==> flow/design.v <==
module dp_relation_v2 #(
  parameter DW = 10
) (
  input  wire CLK,
  input  wire i_rst_n,
  input  wire [DW-1:0] dataa,
  input  wire [DW-1:0] datab,
  output wire is_gt
);
  reg [DW-1:0] dataa_ff;
  always @(posedge CLK or negedge i_rst_n) begin
    if (~i_rst_n) begin
      dataa_ff <= 0;
    end else begin
      dataa_ff <= dataa;
    end
  end
  reg [DW-1:0] datab_ff;
  always @(posedge CLK or negedge i_rst_n) begin
    if (~i_rst_n) begin
      datab_ff <= 0;
    end else begin
      datab_ff <= datab;
    end
  end
  wire [DW:0] cc;
  assign cc[0] = 1'b0;
  genvar g;
  generate
    for (g = 0; g < DW; g = g + 1) begin : blk
      assign cc[g+1] = (dataa_ff[g] ^ datab_ff[g]) ? dataa_ff[g] : cc[g];
    end
  endgenerate
  assign is_gt = cc[DW];
endmodule
Ticket comment

* From RTL to reports: dp_relation_v2
Tool output for the members of one design family, told apart by "DW", in the order of the flow.
The RTL above is that of DW=10; lines are counted from 1 in the file of the member named.
Cell names lack the library's common part.
The mark n/a stands for no value.
- Top :: dp_relation_v2
- Clock :: CLK
- Library :: sky130hd
- Library corner :: tt_025C_1v80

* Source of the members
New or changed lines of each further member against the RTL above, in its own file; lines it lacks are not shown.
** New or changed lines
- DW 16 :: line 2 : parameter DW = 16
- DW 20 :: line 2 : parameter DW = 20
- DW 40 :: line 2 : parameter DW = 40
- DW 64 :: line 2 : parameter DW = 64

* After elaboration
Yosys after proc, flatten, opt, wreduce and memory -nomap, before mapping. Enables and synchronous resets that opt folds into registers are not counted as muxes. Memory bits, and registers merged into a memory's read port (data or address), are not among the register bits. Print and check cells are not counted. Equal cells are merged and count once.
** Word-level totals
- DW 10 :: register bits 20, input bits 22, elaborated cells 22
- DW 16 :: register bits 32, input bits 34, elaborated cells 34
- DW 20 :: register bits 40, input bits 42, elaborated cells 42
- DW 40 :: register bits 80, input bits 82, elaborated cells 82
- DW 64 :: register bits 128, input bits 130, elaborated cells 130
** Operators by class
- DW 10 :: multiplexer cells 10, bitwise gates (word level) 10
- DW 16 :: multiplexer cells 16, bitwise gates (word level) 16
- DW 20 :: multiplexer cells 20, bitwise gates (word level) 20
- DW 40 :: multiplexer cells 40, bitwise gates (word level) 40
- DW 64 :: multiplexer cells 64, bitwise gates (word level) 64
** Operators by type and width (kind and count)
- DW 10 :: bitwise XOR 1 bit (10); 2-to-1 mux 1 bit (10)
- DW 16 :: bitwise XOR 1 bit (16); 2-to-1 mux 1 bit (16)
- DW 20 :: bitwise XOR 1 bit (20); 2-to-1 mux 1 bit (20)
- DW 40 :: bitwise XOR 1 bit (40); 2-to-1 mux 1 bit (40)
- DW 64 :: bitwise XOR 1 bit (64); 2-to-1 mux 1 bit (64)

* Logic depth
Yosys ltp: most cells in a row. Word level: on the elaborated netlist, between registers, memories and ports. Mapped: between sequential cells and ports; inverters and the memories' decode and read muxes count.
** Depth
- DW 10 :: depth in word-level cells 11, ABC_AREA 0, gate-level depth with buffers 4, depth with buffers taken out 4
- DW 16 :: depth in word-level cells 17, ABC_AREA 0, gate-level depth with buffers 5, depth with buffers taken out 5
- DW 20 :: depth in word-level cells 21, ABC_AREA 0, gate-level depth with buffers 5, depth with buffers taken out 5
- DW 40 :: depth in word-level cells 41, ABC_AREA 0, gate-level depth with buffers 6, depth with buffers taken out 6
- DW 64 :: depth in word-level cells 65, ABC_AREA 0, gate-level depth with buffers 6, depth with buffers taken out 6

* Synthesis result
Yosys stat after the flow's synthesis: flattened, memories mapped to cells. It holds for the ABC_AREA given above (unset counts as 0); a run with the other value may have another netlist.
** Synthesis totals
- DW 10 :: cell count 47, chip area (Yosys) 686.9 um^2, sequential area 500.5 um^2, mapped flip-flops 20, buffers 0
- DW 16 :: cell count 77, chip area (Yosys) 1093.5 um^2, sequential area 800.8 um^2, mapped flip-flops 32, buffers 0
- DW 20 :: cell count 97, chip area (Yosys) 1335.0 um^2, sequential area 1001.0 um^2, mapped flip-flops 40, buffers 0
- DW 40 :: cell count 194, chip area (Yosys) 2778.9 um^2, sequential area 2001.9 um^2, mapped flip-flops 80, buffers 0
- DW 64 :: cell count 311, chip area (Yosys) 4454.3 um^2, sequential area 3203.1 um^2, mapped flip-flops 128, buffers 0
** Cells by type (type and count)
- DW 10 :: dfrtp_1 (20); maj3_1 (4); nand2b_1 (5); inv_1 (7); a211oi_2 (1); nor2b_1 (2); a222oi_1 (1); a22o_1 (1); and2b_2 (1); o221ai_1 (1); or3b_1 (1); nand3b_1 (1); nand4_1 (1); a21oi_1 (1)
- DW 16 :: dfrtp_1 (32); inv_1 (12); nand2b_1 (6); o22ai_1 (5); nor2b_1 (4); maj3_2 (2); a21oi_1 (3); a221oi_2 (1); nand2b_4 (1); nor2b_4 (1); a211oi_2 (1); maj3_1 (1); a31o_2 (1); nand4b_1 (1); a22oi_1 (1); nand2_1 (2); o31ai_1 (1); a31oi_1 (1); nor3_1 (1)
- DW 20 :: dfrtp_1 (40); inv_1 (18); o22ai_1 (8); nor2b_1 (5); a22oi_1 (3); maj3_2 (2); a2111oi_0 (2); a2111oi_2 (1); nor2b_4 (1); a31oi_1 (2); nand2b_1 (2); nor2_1 (3); a21oi_1 (2); a222oi_1 (1); o21ai_0 (2); a211oi_1 (1); nand2_1 (2); o211ai_1 (1); nand3_1 (1)
- DW 40 :: dfrtp_1 (80); inv_1 (24); nor2b_1 (13); nand2b_1 (12); a2111oi_2 (3); a221oi_2 (2); a2111oi_4 (1); o2111ai_1 (3); o31a_1 (3); o22ai_1 (4); nand4b_4 (1); a22oi_1 (3); o211ai_1 (3); maj3_1 (2); nand2_1 (5); a22o_1 (2); a2bb2oi_1 (2); a21oi_1 (3); [+28]
- DW 64 :: dfrtp_1 (128); inv_1 (49); nor2b_1 (27); nand2b_1 (14); maj3_2 (5); a2111oi_4 (2); o22ai_1 (8); a2111oi_2 (3); a2bb2oi_1 (5); o31a_1 (5); a211oi_1 (4); a22oi_1 (4); o211ai_1 (4); a221oi_1 (3); o221ai_1 (3); nor4_2 (2); a21oi_1 (4); maj3_1 (2); [+39]
The mark [+n] counts cells that are not listed.

* Timing after synthesis
OpenSTA on the mapped netlist: ideal clock, no wires. The path of least setup slack (recovery checks aside). Input and output delay are each 20% of the period. Register names are those of the netlist, which keeps one name where synthesis merged equal registers.
** Timing path after synthesis
- DW 10 :: path type register -> output, from register datab_ff[8], to output port is_gt, period 1.81 ns, path slack 0.292 ns, stages on the path 5, path delay 1.156 ns, synthesis period reached 1.518 ns
- DW 16 :: path type register -> output, from register datab_ff[13], to output port is_gt, period 2.07 ns, path slack 0.334 ns, stages on the path 5, path delay 1.322 ns, synthesis period reached 1.736 ns
- DW 20 :: path type register -> output, from register dataa_ff[17], to output port is_gt, period 2.04 ns, path slack 0.326 ns, stages on the path 6, path delay 1.306 ns, synthesis period reached 1.714 ns
- DW 40 :: path type register -> output, from register datab_ff[21], to output port is_gt, period 2.31 ns, path slack 0.368 ns, stages on the path 7, path delay 1.480 ns, synthesis period reached 1.942 ns
- DW 64 :: path type register -> output, from register datab_ff[36], to output port is_gt, period 2.43 ns, path slack 0.391 ns, stages on the path 7, path delay 1.553 ns, synthesis period reached 2.039 ns
"path delay" = arrival - input delay + setup time.
At an output port there is no setup time.
"stages on the path": output pins that drive a net of the path, with the launching flip-flop's if there is one; two outputs of one cell count as two.
"synthesis period reached" = period - worst setup slack (recovery checks aside). The figure is calculated, with input and output delays left at 20% of the set period.
Between the ends stands the longest chain of elaborated cells between them, by number of cells; it is not shown to be the way that was timed. Of several equally long chains one is given.
Each line given opens the expression or statement behind the cell; cells for indexed reads and writes are added by Yosys, which also makes memories of some case tables.
Between the ends, after synthesis, DW=10:
- Cells in the longest elaborated chain :: 3
** RTL lines, path after synthesis, DW=10
- start, declared :: line 18 : reg [DW-1:0] datab_ff;
- start, assigned :: line 21 : datab_ff <= 0;
- start, assigned :: line 23 : datab_ff <= datab;
- bitwise XOR 1 bit :: line 31 : assign cc[g+1] = (dataa_ff[g] ^ datab_ff[g]) ? dataa_ff[g] : cc[g];
- 2-to-1 mux 1 bit (2 in a row) :: line 31
- end, declared :: line 8 : output wire is_gt
Between the ends, after synthesis, DW=64:
- Cells in the longest elaborated chain :: 29
** RTL lines, path after synthesis, DW=64
- start, declared :: line 18 : reg [DW-1:0] datab_ff;
- start, assigned :: line 21 : datab_ff <= 0;
- start, assigned :: line 23 : datab_ff <= datab;
- bitwise XOR 1 bit :: line 31 : assign cc[g+1] = (dataa_ff[g] ^ datab_ff[g]) ? dataa_ff[g] : cc[g];
- 2-to-1 mux 1 bit (28 in a row) :: line 31
- end, declared :: line 8 : output wire is_gt

* Path in the finished layout
From the final timing report of each member's run: the path of least setup slack in the routed layout; clock arrival at registers is part of the times.
** Timing path post-layout
- DW 10 :: path type register -> output, from register dataa_ff[5], to output port is_gt, period 1.81 ns, path slack -0.09 ns, stages on the path 6, data arrival time 1.54 ns, buffers on the path 1
- DW 16 :: path type register -> output, from register datab_ff[6], to output port is_gt, period 2.07 ns, path slack -0.05 ns, stages on the path 7, data arrival time 1.71 ns, buffers on the path 1
- DW 20 :: path type register -> output, from register dataa_ff[17], to output port is_gt, period 2.04 ns, path slack -0.13 ns, stages on the path 7, data arrival time 1.76 ns, buffers on the path 1
- DW 40 :: path type register -> output, from register dataa_ff[27], to output port is_gt, period 2.31 ns, path slack -0.17 ns, stages on the path 8, data arrival time 2.02 ns, buffers on the path 1
- DW 64 :: path type register -> output, from register datab_ff[31], to output port is_gt, period 2.43 ns, path slack -0.32 ns, stages on the path 8, data arrival time 2.27 ns, buffers on the path 1

* Flow runs
One run of the flow (Yosys, OpenROAD) for each member, with settings and measured results. Input and output delays are each 20% of the period that was set; the output load is 0.01 pF.
- CAP_MARGIN :: 20
- CORE_MARGIN :: 2
- CORE_UTILIZATION :: 40
- SLEW_MARGIN :: 20
** Settings by member (period_ns)
- DW 10 :: 1.81
- DW 16 :: 2.07
- DW 20 :: 2.04
- DW 40 :: 2.31
- DW 64 :: 2.43
** Measured results
- DW 10 :: post-synthesis cell area 686.9 um^2, die outline area 2064.8 um^2, standard-cell area after layout 1012.2 um^2, utilization after layout 64.9%, setup slack of the worst path -0.094 ns, total negative slack -0.094 ns, period reached 1.904 ns
- DW 16 :: post-synthesis cell area 1093.5 um^2, die outline area 3168.0 um^2, standard-cell area after layout 1579.0 um^2, utilization after layout 62.0%, setup slack of the worst path -0.052 ns, total negative slack -0.052 ns, period reached 2.122 ns
- DW 20 :: post-synthesis cell area 1335.0 um^2, die outline area 3815.5 um^2, standard-cell area after layout 1966.9 um^2, utilization after layout 63.4%, setup slack of the worst path -0.129 ns, total negative slack -0.129 ns, period reached 2.169 ns
- DW 40 :: post-synthesis cell area 2778.9 um^2, die outline area 7630.0 um^2, standard-cell area after layout 4051.4 um^2, utilization after layout 60.0%, setup slack of the worst path -0.170 ns, total negative slack -0.170 ns, period reached 2.480 ns
- DW 64 :: post-synthesis cell area 4454.3 um^2, die outline area 11995.7 um^2, standard-cell area after layout 6877.9 um^2, utilization after layout 63.4%, setup slack of the worst path -0.321 ns, total negative slack -0.321 ns, period reached 2.751 ns
"period reached": clock period set for the run, less the worst setup slack. It is reckoned from that one timing run; input and output delays stay at 20% of the period that was set.
